==> flow/design.v <==
module u_mux_stage #(
    parameter W = 32,
    parameter NIN = 12,
    parameter SEL_WIDTH = $clog2(NIN)
) (
    input logic ck,
    input logic [NIN*W-1:0] din,
    input logic [SEL_WIDTH-1:0] select,
    output logic [W-1:0] q
);
    logic [NIN*W-1:0] r_din;
    logic [SEL_WIDTH-1:0] r_select;
    logic [NIN*W-1:0] t;
    assign t = r_din >> (r_select * W);
    assign q = t[W-1:0];
    always_ff @(posedge ck) begin
        r_din <= din;
        r_select <= select;
    end
endmodule
======== Step by step through the tools: u_mux_stage ========
Tool output for the design above, in the order of the flow.
Line numbers count from 1 in the design file above.
Cell names lack the library's common part.
The mark - stands for no value.
set-up
  top module .............................. u_mux_stage
  clock ................................... ck
  cell library ............................ sky130hd
  library corner .......................... tt_025C_1v80

======== Word level ========
Yosys after proc, flatten, opt, wreduce and memory -nomap, before mapping. Enables and synchronous resets that opt folds into registers are not counted as muxes. Memory bits, and registers merged into a memory's read port (data or address), are not among the register bits. Print and check cells are not counted. Equal cells are merged and count once.
operators by class
  shift-type cells ........................ 1
operators with widths
  operator                                        number
  384-bit by 9-bit >> shifter with 32-bit output  1
word-level totals
  register bits after elaboration ......... 388
  input bits .............................. 389
  elaborated cells ........................ 3

======== Longest topological paths ========
Yosys ltp: most cells in a row. Word level: on the elaborated netlist, between registers, memories and ports. Mapped: between sequential cells and ports; inverters and the memories' decode and read muxes count.
logic depth
  depth after elaboration ................. 1
  ABC_AREA ................................ 0
  mapped depth ............................ 6

======== Synthesis result ========
Yosys stat after the flow's synthesis: flattened, memories mapped to cells. It holds for the ABC_AREA given above (unset counts as 0); a run with the other value may have another netlist.
Totals and module areas in this step are rounded.
cells by type
  type      number  area in all (µm²)
  dfxtp_1   388     7767.45
  mux4_2    64      1.44E+03
  mux2_2    64      720.691
  o31ai_2   20      250.24
  o22ai_1   32      200.192
  nand2_1   33      123.869
  nor2_1    32      120.115
  o31ai_1   12      90.086
  clkbuf_1  15      56.304
  buf_2     11      55.053
  buf_4     6       45.043
  buf_6     4       45.043
  buf_1     3       11.261
  nand2b_1  1       6.256
  nor2b_1   1       6.256
mapped netlist
  mapped cells ............................ 686
  sequential part of the area ............. 7770 µm²
  chip area (Yosys) ....................... 10900 µm²
  flip-flop cells ......................... 388

======== Worst setup path after synthesis ========
Path of least setup slack by OpenSTA after synthesis, without wires, with an ideal clock, recovery checks aside; 20% of the period is set as input and as output delay. Where synthesis merged equal registers, the netlist keeps one of their names.
path after synthesis
  kind .................................... register -> output
  start point ............................. reg r_select[0]
  end point ............................... out q[29]
  time at the first pin ................... 0.000 ns
  delay of the path ....................... 1.335 ns
  output delay ............................ 0.418 ns
  data required time ...................... 1.672 ns
  stages .................................. 6
  arrival ................................. 1.335 ns
  slack ................................... 0.337 ns
  clock period ............................ 2.09 ns
  synthesis period reached ................ 1.753 ns
"delay of the path" is the arrival time less input delay plus setup time.
A path that ends at an output port has no setup time.
"stages" counts driving pins, that of a launching flip-flop among them; a cell with two outputs on the path counts twice.
"synthesis period reached" is the clock period less the worst setup slack; recovery checks do not enter. This is arithmetic on one report: input and output delays are still those of the set period (20% each).
Between the ends stands the longest chain of elaborated cells between them, by number of cells; it is not shown to be the way that was timed. Of several equally long chains one is given.
Each line given opens the expression or statement behind the cell; cells for indexed reads and writes are added by Yosys, which also makes memories of some case tables.
between the ends, after synthesis
  cell sequence ........................... dfxtp_1 > buf_6 > buf_4 > mux4_2 > nand2_1 > o31ai_1
  cells in the longest elaborated chain ... 1
  elaborated cells on any way between the ends .. 1
  those cells by class .................... shift (1)
ends and longest elaborated chain, after synthesis
  element                                         RTL line  RTL
  start: declaration                              12        logic [SEL_WIDTH-1:0] r_select;
  start: assignment                               18        r_select <= select;
  384-bit by 9-bit >> shifter with 32-bit output  14        assign t = r_din >> (r_select * W);
  end: declaration                                9         output logic [W-1:0] q

======== Timing after layout ========
From the final timing report of job 2: the path of least setup slack in the routed layout; clock arrival at registers is part of the times.
path post-layout
  kind .................................... register -> output
  start point ............................. reg r_select[0]
  end point ............................... out q[24]
  clock period ............................ 2.09 ns
  stages .................................. 8
  output delay ............................ 0.42 ns
  time at the first pin ................... 0.50 ns
  slack ................................... -0.48 ns
  data required time ...................... 1.67 ns
  arrival ................................. 2.15 ns
Between the ends stands the longest chain of elaborated cells between them, by number of cells; it is not shown to be the way that was timed. Of several equally long chains one is given.
between the ends, post-layout
  cell sequence ........................... dfxtp_4 > buf_12 > buf_6 > buf_16 > mux4_2 > nor2_1 > o31ai_1 > buf_2
  cells in the longest elaborated chain ... 1
  elaborated cells on any way between the ends .. 1
  those cells by class .................... shift (1)
ends and longest elaborated chain, post-layout
  element                                         RTL line  RTL
  start: declaration                              12        logic [SEL_WIDTH-1:0] r_select;
  start: assignment                               18        r_select <= select;
  384-bit by 9-bit >> shifter with 32-bit output  14        assign t = r_din >> (r_select * W);
  end: declaration                                9         output logic [W-1:0] q

Subject: u_mux_stage on sky130hd, stored results

Hello all,

Measured results for u_mux_stage: 3 stored runs of the Yosys and OpenROAD flow on sky130hd. The settings differ; the order carries no meaning. The constraints put input and output delay at 20% of the set period each and load the outputs with 0.01 pF.
By "reached clock period" is meant the clock period of the run minus its worst setup slack. This is arithmetic on one report: input and output delays are still those of the set period (20% each).
"worst setup path time": the worst setup path's part of the clock period (all of it between registers, 20% less for each end at a port) less its slack. A launch clock that arrives late makes it longer, a capture clock that arrives late makes it shorter.
By "power" is meant OpenSTA's value without simulated activity: inputs other than the clock are taken to toggle once in ten clock periods, and the tool carries that through the logic.
Values from the reports are rounded here.

======== job 1 ========
==> flow/run.sh <==
#!/bin/bash
# the make line also repeats the synthesis and layout settings of config.mk as NAME=value (left out here)
make -C /OpenROAD-flow-scripts/flow DESIGN_CONFIG=/design/flow/config.mk WORK_HOME=/design/flow/orfs CLKGATE_MAP_FILE= finish
==> flow/config.mk <==
export PLATFORM = sky130hd
export DESIGN_NAME = u_mux_stage
export DESIGN_NICKNAME = u_mux_stage
export VERILOG_FILES = /design/flow/design.v
export SDC_FILE = /design/flow/constraint.sdc
export NUM_CORES = 4
export LEC_CHECK = 0
export CAP_MARGIN = 20
export CELL_PAD_IN_SITES_GLOBAL_PLACEMENT = 1
export CORE_MARGIN = 5
export CORE_UTILIZATION = 60
export CTS_CLUSTER_DIAMETER = 383
export GPL_TIMING_DRIVEN = 0
export HOLD_SLACK_MARGIN = 0.13
export PLACE_DENSITY_LB_ADDON = 0.24
export SETUP_SLACK_MARGIN = 0.68
export SLEW_MARGIN = 20
export TNS_END_PERCENT = 90
==> flow/constraint.sdc <==
create_clock -name core_clock -period 2.63 [get_ports {ck}]
set_input_delay 0.5260 -clock core_clock [delete_from_list [all_inputs] [get_ports {ck}]]
set_output_delay 0.5260 -clock core_clock [all_outputs]
set_load 0.01 [all_outputs]

-------- job 1 --------
  unfinished; error FLW-0024 in placement

======== job 2 ========
==> flow/run.sh <==
#!/bin/bash
# the make line also repeats the synthesis and layout settings of config.mk as NAME=value (left out here)
make -C /OpenROAD-flow-scripts/flow DESIGN_CONFIG=/design/flow/config.mk WORK_HOME=/design/flow/orfs CLKGATE_MAP_FILE= finish
==> flow/config.mk <==
export PLATFORM = sky130hd
export DESIGN_NAME = u_mux_stage
export DESIGN_NICKNAME = u_mux_stage
export VERILOG_FILES = /design/flow/design.v
export SDC_FILE = /design/flow/constraint.sdc
export NUM_CORES = 4
export LEC_CHECK = 0
export CAP_MARGIN = 20
export CORE_MARGIN = 2
export CORE_UTILIZATION = 40
export SLEW_MARGIN = 20
==> flow/constraint.sdc <==
create_clock -name core_clock -period 2.09 [get_ports {ck}]
set_input_delay 0.4180 -clock core_clock [delete_from_list [all_inputs] [get_ports {ck}]]
set_output_delay 0.4180 -clock core_clock [all_outputs]
set_load 0.01 [all_outputs]

-------- measured, job 2 --------
  worst hold slack after layout ........... 0.344 ns
  worst setup path time ................... 2.15 ns
  worst setup path kind ................... register -> output
  setup slack of the critical path ........ -0.477 ns
  final utilization ....................... 66.2 %
  power ................................... 16400 uW
  synthesized cell area ................... 10900 µm²
  reached clock period .................... 2.567 ns
  area inside the die boundary ............ 28700 µm²

======== job 3 ========
==> flow/run.sh <==
#!/bin/bash
# the make line also repeats the synthesis and layout settings of config.mk as NAME=value (left out here)
make -C /OpenROAD-flow-scripts/flow DESIGN_CONFIG=/design/flow/config.mk WORK_HOME=/design/flow/orfs CLKGATE_MAP_FILE= finish
==> flow/config.mk <==
export PLATFORM = sky130hd
export DESIGN_NAME = u_mux_stage
export DESIGN_NICKNAME = u_mux_stage
export VERILOG_FILES = /design/flow/design.v
export SDC_FILE = /design/flow/constraint.sdc
export NUM_CORES = 4
export LEC_CHECK = 0
export CAP_MARGIN = 5
export CORE_MARGIN = 7
export CORE_UTILIZATION = 21
export CTS_CLUSTER_SIZE = 10
export GPL_ROUTABILITY_DRIVEN = 1
export GPL_TIMING_DRIVEN = 1
export MIN_ROUTING_LAYER = met1
export PLACE_DENSITY_LB_ADDON = 0.01
export SETUP_SLACK_MARGIN = 0.25
export SLEW_MARGIN = 35
==> flow/constraint.sdc <==
create_clock -name core_clock -period 1.4 [get_ports {ck}]
set_input_delay 0.2800 -clock core_clock [delete_from_list [all_inputs] [get_ports {ck}]]
set_output_delay 0.2800 -clock core_clock [all_outputs]
set_load 0.01 [all_outputs]

-------- measured, job 3 --------
  power ................................... 25600 uW
  worst hold slack after layout ........... 0.146 ns
  area inside the die boundary ............ 58700 µm²
  reached clock period .................... 2.508 ns
  synthesized cell area ................... 10900 µm²
  setup slack of the critical path ........ -1.11 ns
  final utilization ....................... 36.1 %
  worst setup path time ................... 2.23 ns
  worst setup path kind ................... register -> output

Thanks
